==> flow/design.v <==
module my_selector #(
    parameter int WIDTH = 20,
    parameter int LANES = 3
) (
    input  logic sys_clk,
    input  logic RST,
    input  logic [LANES*WIDTH-1:0] data_in,
    input  logic [LANES-1:0] addr_in,
    output logic [WIDTH-1:0] z_o_out
);
    logic [LANES*WIDTH-1:0] data_d1;
    logic [LANES-1:0] addr_d1;
    always_ff @(posedge sys_clk or posedge RST) begin
        if (RST) begin
            data_d1 <= '0;
            addr_d1 <= '0;
        end else begin
            data_d1 <= data_in;
            addr_d1 <= addr_in;
        end
    end
    logic [WIDTH-1:0] work;
    always_comb begin
        work = '0;
        for (int n = 0; n < LANES; n++)
            work = work | (data_d1[n*WIDTH +: WIDTH] & {WIDTH{addr_d1[n]}});
    end
    always_ff @(posedge sys_clk or posedge RST) begin
        if (RST) begin
            z_o_out <= '0;
        end else begin
            z_o_out <= work;
        end
    end
endmodule
# Reports on my_selector
# A sweep over "LANES": the same steps for each member of the family.
# The RTL above is that of LANES=3; lines are counted from 1 in the file of the member named.
# Library cell names are shortened.
design:
  design: "my_selector"
  clock: "sys_clk"
  cell_library: "sky130hd"
  lib_corner: "tt_025C_1v80"

# Members of the sweep
# New or changed lines of each further member against the RTL above, in its own file; lines it lacks are not shown.
changed_lines:
  columns: ["LANES", "line", "text"]
  rows:
  - [4, 3, "parameter int LANES = 4"]
  - [5, 3, "parameter int LANES = 5"]
  - [6, 3, "parameter int LANES = 6"]
  - [16, 3, "parameter int LANES = 16"]
  - [20, 3, "parameter int LANES = 20"]

# After elaboration
# Counts by Yosys on the flattened word-level netlist (proc, flatten, opt, wreduce; memories kept). Register bits leave out memories and registers merged into their read ports (data or address); mux counts leave out enables and synchronous resets folded into registers. Print and check cells are left out. Cells with the same type and inputs are merged into one.
classes:
  columns: ["LANES", "n_logic"]
  rows:
  - [3, 5]
  - [4, 7]
  - [5, 9]
  - [6, 11]
  - [16, 31]
  - [20, 39]
ops:
  columns: ["LANES", "operators"]
  rows:
  - [3, "3 x 20-bit bitwise AND; 2 x 20-bit OR"]
  - [4, "4 x 20-bit bitwise AND; 3 x 20-bit OR"]
  - [5, "5 x 20-bit bitwise AND; 4 x 20-bit OR"]
  - [6, "6 x 20-bit bitwise AND; 5 x 20-bit OR"]
  - [16, "16 x 20-bit bitwise AND; 15 x 20-bit OR"]
  - [20, "20 x 20-bit bitwise AND; 19 x 20-bit OR"]
bits:
  columns: ["LANES", "ff_bits", "out_inout_bits", "word_cells"]
  rows:
  - [3, 83, 20, 8]
  - [4, 104, 20, 10]
  - [5, 125, 20, 12]
  - [6, 146, 20, 14]
  - [16, 356, 20, 34]
  - [20, 440, 20, 42]

# Longest topological paths
# Yosys ltp: most cells in a row. Word level: on the elaborated netlist, between registers, memories and ports. Mapped: between sequential cells and ports; inverters and the memories' decode and read muxes count.
logic_depth:
  columns: ["LANES", "depth_word", "ABC_AREA", "ltp_mapped", "mapped_depth_nobuf"]
  rows:
  - [3, 3, 0, 3, 2]
  - [4, 4, 0, 3, 2]
  - [5, 5, 0, 3, 2]
  - [6, 6, 0, 3, 2]
  - [16, 16, 0, 4, 3]
  - [20, 20, 0, 5, 4]

# Synthesis result
# The flow's flattened synthesis, as Yosys stat reports it; memories are mapped. The netlist is that of the ABC_AREA named above (0 if unset); the other value can give another one.
# Totals and module areas in this step are rounded.
synth_totals:
  columns: ["LANES", "cells", "yosys_area_mm2", "seq_area_mm2", "ffs"]
  rows:
  - [3, 130, 0.0024, 0.00208, 83]
  - [4, 173, 0.00304, 0.0026, 104]
  - [5, 196, 0.00362, 0.00313, 125]
  - [6, 239, 0.0043, 0.00365, 146]
  - [16, 569, 0.0107, 0.00891, 356]
  - [20, 721, 0.0133, 0.011, 440]
types:
  columns: ["LANES", "type_list"]
  rows:
  - [3, "83 x dfrtp_1; 20 x a222oi_1; 21 x inv_1; 2 x buf_6; 2 x buf_4; 2 x buf_2"]
  - [4, "104 x dfrtp_1; 40 x a22oi_1; 20 x nand2_1; 2 x buf_6; 4 x buf_2; 2 x buf_4; 1 x inv_1"]
  - [5, "125 x dfrtp_1; 20 x a222oi_1; 20 x a22oi_1; 20 x nand2_1; 6 x buf_2; 2 x buf_6; 2 x buf_4; 1 x inv_1"]
  - [6, "146 x dfrtp_1; 60 x a22oi_1; 20 x nand3_1; 5 x buf_6; 5 x buf_2; 2 x buf_4; 1 x inv_1"]
  - [16, "356 x dfrtp_1; 80 x a22o_1; 78 x a221oi_1; 18 x buf_6; 20 x nand4_1; 12 x clkbuf_1; 2 x a221oi_2; 1 x buf_4; 1 x buf_2; 1 x inv_1"]
  - [20, "440 x dfrtp_1; 80 x a22o_1; 77 x a221oi_1; 40 x a22oi_1; 18 x buf_6; 20 x and3_1; 20 x nand4_1; 3 x a221oi_2; 12 x clkbuf_1; 6 x buf_2; 2 x buf_4; 2 x buf_1; 1 x inv_1"]

# Worst setup path after synthesis
# Source: OpenSTA report_checks on the synthesized netlist (no wires, ideal clock, input and output delay 20% of the period each), path of least setup slack; recovery checks are left aside. Register names are those of the netlist, which keeps one name where synthesis merged equal registers.
synth_path:
  columns: ["LANES", "path_type", "from", "to", "tclk_ns", "setup_slack_ns", "stages", "delay_ns", "period_less_setup_slack_ns"]
  rows:
  - [3, "reg-to-reg", "register addr_d1[0]", "register z_o_out[18]", 1.22, 0.243, 4, 0.977, 0.977]
  - [4, "reg-to-reg", "register addr_d1[2]", "register z_o_out[18]", 1.06, 0.214, 4, 0.846, 0.846]
  - [5, "reg-to-reg", "register addr_d1[0]", "register z_o_out[18]", 1.24, 0.248, 4, 0.992, 0.992]
  - [6, "reg-to-reg", "register addr_d1[3]", "register z_o_out[18]", 1.09, 0.214, 4, 0.876, 0.876]
  - [16, "reg-to-reg", "register addr_d1[4]", "register z_o_out[0]", 1.43, 0.286, 5, 1.144, 1.144]
  - [20, "reg-to-reg", "register addr_d1[6]", "register z_o_out[19]", 1.58, 0.313, 6, 1.266, 1.267]
# "delay_ns" is the arrival time less input delay plus setup time.
# "stages": output pins that drive a net of the path, with the launching flip-flop's if there is one; two outputs of one cell count as two.
# "period_less_setup_slack_ns" is the clock period less the worst setup slack; recovery checks do not enter. This is arithmetic on one report: input and output delays are still those of the set period (20% each).
# The rows between start and end are the longest chain of elaborated cells between them; the timing report does not say that the signal goes this way. Where chains are equally long, one stands for them.
# Each line given opens the expression or statement behind the cell; cells for indexed reads and writes are added by Yosys, which also makes memories of some case tables.
synth_between_LANES_3:
  elab_chain_len: 3
synth_rtl_LANES_3:
  columns: ["element", "line", "text"]
  rows:
  - ["start, declared", 12, "logic [LANES-1:0] addr_d1;"]
  - ["start, assigned", 16, "addr_d1 <= '0;"]
  - ["start, assigned", 19, "addr_d1 <= addr_in;"]
  - ["20-bit bitwise AND", 26, "work = work | (data_d1[n*WIDTH +: WIDTH] & {WIDTH{addr_d1[n]}});"]
  - ["20-bit OR (2 in a row)", 26, null]
  - ["end, assigned", 30, "z_o_out <= '0;"]
  - ["end, assigned", 32, "z_o_out <= work;"]
  - ["end, declared", 9, "output logic [WIDTH-1:0] z_o_out"]
synth_between_LANES_20:
  elab_chain_len: 15
synth_rtl_LANES_20:
  columns: ["element", "line", "text"]
  rows:
  - ["start, declared", 12, "logic [LANES-1:0] addr_d1;"]
  - ["start, assigned", 16, "addr_d1 <= '0;"]
  - ["start, assigned", 19, "addr_d1 <= addr_in;"]
  - ["20-bit bitwise AND", 26, "work = work | (data_d1[n*WIDTH +: WIDTH] & {WIDTH{addr_d1[n]}});"]
  - ["20-bit OR (14 in a row)", 26, null]
  - ["end, assigned", 30, "z_o_out <= '0;"]
  - ["end, assigned", 32, "z_o_out <= work;"]
  - ["end, declared", 9, "output logic [WIDTH-1:0] z_o_out"]

# Path in the finished layout
# From the final timing report of each member's run: the path of least setup slack in the routed layout; clock arrival at registers is part of the times.
layout_path:
  columns: ["LANES", "path_type", "from", "to", "tclk_ns", "setup_slack_ns", "stages", "arrival_ns", "path_buffers"]
  rows:
  - [3, "reg-to-output", "register z_o_out[8]", "output port z_o_out[8]", 1.22, 0.05, 2, 0.93, 1]
  - [4, "reg-to-output", "register z_o_out[4]", "output port z_o_out[4]", 1.06, 0.00, 2, 0.85, 1]
  - [5, "reg-to-output", "register z_o_out[13]", "output port z_o_out[13]", 1.24, -0.02, 2, 1.01, 1]
  - [6, "reg-to-output", "register z_o_out[14]", "output port z_o_out[14]", 1.09, -0.16, 2, 1.03, 1]
  - [16, "reg-to-reg", "register addr_d1[0]", "register z_o_out[8]", 1.43, -0.02, 6, 1.81, 2]
  - [20, "reg-to-reg", "register addr_d1[3]", "register z_o_out[7]", 1.58, 0.00, 7, 1.97, 2]

# Measured runs
# Settings and results of one run of the flow (Yosys, OpenROAD) for each member follow. The constraints put input and output delay at 20% of the set period each and load the outputs with 0.01 pF.
flow_settings:
  CAP_MARGIN: 20
  CORE_MARGIN: 2
  CORE_UTILIZATION: 40
  SLEW_MARGIN: 20
settings_diff:
  columns: ["LANES", "period_ns"]
  rows:
  - [3, 1.22]
  - [4, 1.06]
  - [5, 1.24]
  - [6, 1.09]
  - [16, 1.43]
  - [20, 1.58]
measured:
  columns: ["LANES", "synthArea_mm2", "total_die_area_mm2", "util_pct", "ws_setup_ns", "power_uw", "period_less_ws_ns"]
  rows:
  - [3, 0.0024, 0.00664, 60.0, 0.050, 5160, 1.170]
  - [4, 0.00304, 0.00831, 60.2, -0.004, 7120, 1.064]
  - [5, 0.00362, 0.00984, 63.8, -0.017, 10000, 1.257]
  - [6, 0.0043, 0.0116, 63.4, -0.155, 12200, 1.245]
  - [16, 0.0107, 0.0281, 64.7, -0.022, 22800, 1.452]
  - [20, 0.0133, 0.0347, 64.4, 0.001, 25700, 1.579]
# "period_less_ws_ns": clock period set for the run, less the worst setup slack. It is reckoned from that one timing run; input and output delays stay at 20% of the period that was set.
# "power_uw": no workload was simulated; the value follows from the tool's default switching activity.
# Values from the reports are rounded here.
